==> flow/design.v <==
module shifter (clk, rstn, val, by, dout);
    parameter DWIDTH = 40;
    localparam SBITS = $clog2(DWIDTH);
    input clk;
    input rstn;
    input [DWIDTH-1:0] val;
    input [SBITS-1:0] by;
    output [DWIDTH-1:0] dout;
    wire [DWIDTH-1:0] tree [0:SBITS];
    assign tree[0] = val;
    genvar gi;
    generate
        for (gi = 0; gi < SBITS; gi = gi + 1) begin : row
            assign tree[gi+1] = by[gi] ? tree[gi] << (1 << gi) : tree[gi];
        end
    endgenerate
    reg [DWIDTH-1:0] dout_q;
    always @(posedge clk or negedge rstn) begin
        if (!rstn) begin
            dout_q <= 0;
        end else begin
            dout_q <= tree[SBITS];
        end
    end
    assign dout = dout_q;
endmodule
* Tool chain data of shifter
Tool output for the design above, in the order of the flow. Lines are those of the file above, counted from 1. Operators: Yosys type, input widths -> output width; for muxes data width and select width s. Library cell names are shortened. A cell with - has no value.
Inputs: top module shifter, clock port clk, library sky130hd, timing corner tt_025C_1v80

* After elaboration
Counts by Yosys on the flattened word-level netlist (proc, flatten, opt, wreduce; memories kept). Register bits leave out memories and registers merged into their read ports (data or address); mux counts leave out enables and synchronous resets folded into registers. Print and check cells are left out. Cells with the same type and inputs are merged into one.
Word-level totals: bits in registers 40, input bits 48, output and inout bits 40, cells after elaboration 7
Cells by class: multiplexer cells 6
Operators by type and width (number):
- $mux 40 | 6

* Depth
Longest topological path by Yosys (ltp), each cell counted once; first at word level (registers and memories cut), then after technology mapping (sequential cells cut; the memories' decode and read muxes count).
Logic depth: depth after elaboration 6, ABC_AREA 0, depth in mapped cells 7, depth with buffers taken out 4

* After synthesis
The flow's flattened synthesis, as Yosys stat reports it; memories are mapped. The netlist is that of the ABC_AREA named above (0 if unset); the other value can give another one.
Cells by type:
- dfrtp_1 | number 40, total area 1000.96 um^2
- mux4_2 | number 35, total area 788.256 um^2
- mux2_2 | number 23, total area 258.998 um^2
- mux2i_1 | number 21, total area 210.202 um^2
- mux4_1 | number 5, total area 131.376 um^2
- nor2_1 | number 26, total area 97.594 um^2
- mux2_1 | number 7, total area 78.826 um^2
- o22ai_1 | number 11, total area 68.816 um^2
- buf_12 | number 3, total area 60.058 um^2
- buf_2 | number 10, total area 50.048 um^2
- a211oi_1 | number 6, total area 45.043 um^2
- a22oi_1 | number 6, total area 45.043 um^2
- nand2b_1 | number 6, total area 37.536 um^2
- o221ai_1 | number 4, total area 35.034 um^2
- inv_1 | number 9, total area 33.782 um^2
- clkbuf_1 | number 8, total area 30.029 um^2
- nor3b_1 | number 4, total area 30.029 um^2
- a32oi_1 | number 3, total area 26.275 um^2
Not listed: further types 30, cells in them 59.
Synthesis totals: standard cells after synthesis 286, mapped area 3404.5 um^2, sequential area 1001.0 um^2, mapped flip-flops 40, buffers 28

* Worst setup path after synthesis
Path of least setup slack by OpenSTA after synthesis, without wires, with an ideal clock, recovery checks aside; 20% of the period is set as input and as output delay. Where synthesis merged equal registers, the netlist keeps one of their names.
Path after synthesis: path kind input to register, from input port by[0], to register dout_q[32], clock period 2.48 ns, input delay 0.496 ns, setup time 0.138 ns, launch time at the first pin 0.496 ns, arrival 1.942 ns, slack 0.400 ns, delay of the path 1.584 ns, stages on the path 6, path buffers 2, period reached after synthesis 2.08 ns
"delay of the path" is the arrival time less input delay plus setup time. "stages on the path": output pins that drive a net of the path, with the launching flip-flop's if there is one; two outputs of one cell count as two. "period reached after synthesis" is the clock period less the worst setup slack; recovery checks do not enter. This is arithmetic on one report: input and output delays are still those of the set period (20% each). Between the ends stands the longest chain of elaborated cells between them, by number of cells; it is not shown to be the way that was timed. Of several equally long chains one is given. Each line given opens the expression or statement behind the cell; cells for indexed reads and writes are added by Yosys, which also makes memories of some case tables.
On the way, after synthesis: path through buf_6 > buf_12 > mux4_2 > mux2_2 > a222oi_1 > o211ai_1, cells in the longest elaborated chain 6
Ends and longest elaborated chain, after synthesis:
- start: declaration | RTL line 7 | input [SBITS-1:0] by;
- $mux 40 (6 in a row) | RTL line 14 | assign tree[gi+1] = by[gi] ? tree[gi] << (1 << gi) : tree[gi];
- end: assignment | RTL line 20 | dout_q <= 0;
- end: assignment | RTL line 22 | dout_q <= tree[SBITS];
- end: declaration | RTL line 17 | reg [DWIDTH-1:0] dout_q;

* Timing after layout
From the final timing report of run 1: the path of least setup slack in the routed layout; clock arrival at registers is part of the times.
Path post-layout: path kind input to register, from input port val[16], to register dout_q[32], clock period 2.14 ns, input delay 0.43 ns, setup time 0.15 ns, launch time at the first pin 0.43 ns, arrival 2.20 ns, slack 0.07 ns, stages on the path 5, path buffers 1
Between the ends stands the longest chain of elaborated cells between them, by number of cells; it is not shown to be the way that was timed. Of several equally long chains one is given.
On the way, post-layout: path through clkdlybuf4s50_1 > mux4_2 > mux2_2 > a222oi_1 > o211ai_1, cells in the longest elaborated chain 6
Ends and longest elaborated chain, post-layout:
- start: declaration | RTL line 6 | input [DWIDTH-1:0] val;
- $mux 40 (6 in a row) | RTL line 14 | assign tree[gi+1] = by[gi] ? tree[gi] << (1 << gi) : tree[gi];
- end: assignment | RTL line 20 | dout_q <= 0;
- end: assignment | RTL line 22 | dout_q <= tree[SBITS];
- end: declaration | RTL line 17 | reg [DWIDTH-1:0] dout_q;

Lab notebook: shifter

Record of 3 stored runs of the RTL-to-layout flow on shifter, platform sky130hd. The runs are unordered. Constraints: input delay and output delay 20% of the set period each, output load 0.01 pF.
"time of the worst setup path" is the time allowed to the run's worst setup path (the clock period less input and output delay, where it has them) less its slack. Clock arrival times count: a late capture clock shortens it, a late launch clock lengthens it.
By "total power after layout" is meant OpenSTA's value without simulated activity: inputs other than the clock are taken to toggle once in ten clock periods, and the tool carries that through the logic.

* Run 1 | settings: period_ns 2.14; CORE_UTILIZATION 52; SETUP_SLACK_MARGIN 0.04; CORE_MARGIN 4; TNS_END_PERCENT 35; CAP_MARGIN 40; SLEW_MARGIN 15 | results: netlist area reported by Yosys 3404.5 um^2; full die area 7905.9 um^2; standard-cell area after layout 4921.0 um^2; utilization 0.775; setup slack of the worst path 0.074 ns; total negative slack 0.000 ns; total power after layout 2453 µW; time of the worst setup path 1.64 ns; kind of the worst setup path input to register
* Run 2 | settings: period_ns 2.48; CAP_MARGIN 20; CORE_MARGIN 2; CORE_UTILIZATION 40; SLEW_MARGIN 20 | results: netlist area reported by Yosys 3404.5 um^2; full die area 9265.0 um^2; standard-cell area after layout 4519.3 um^2; utilization 0.55; setup slack of the worst path 0.186 ns; total negative slack 0.000 ns; total power after layout 1945 µW; time of the worst setup path 1.80 ns; kind of the worst setup path input to register
* Run 3 | settings: period_ns 1.3; CORE_UTILIZATION 53; SETUP_SLACK_MARGIN -0.02; PLACE_DENSITY_LB_ADDON 0.0; CORE_ASPECT_RATIO 0.69; CELL_PAD_IN_SITES_DETAIL_PLACEMENT 1; ABC_AREA 1; GPL_ROUTABILITY_DRIVEN 1; CTS_CLUSTER_SIZE 49; CTS_CLUSTER_DIAMETER 79; CAP_MARGIN 40; SLEW_MARGIN 10; CORE_MARGIN 2 | no final report: placement broke off with DPL-0033
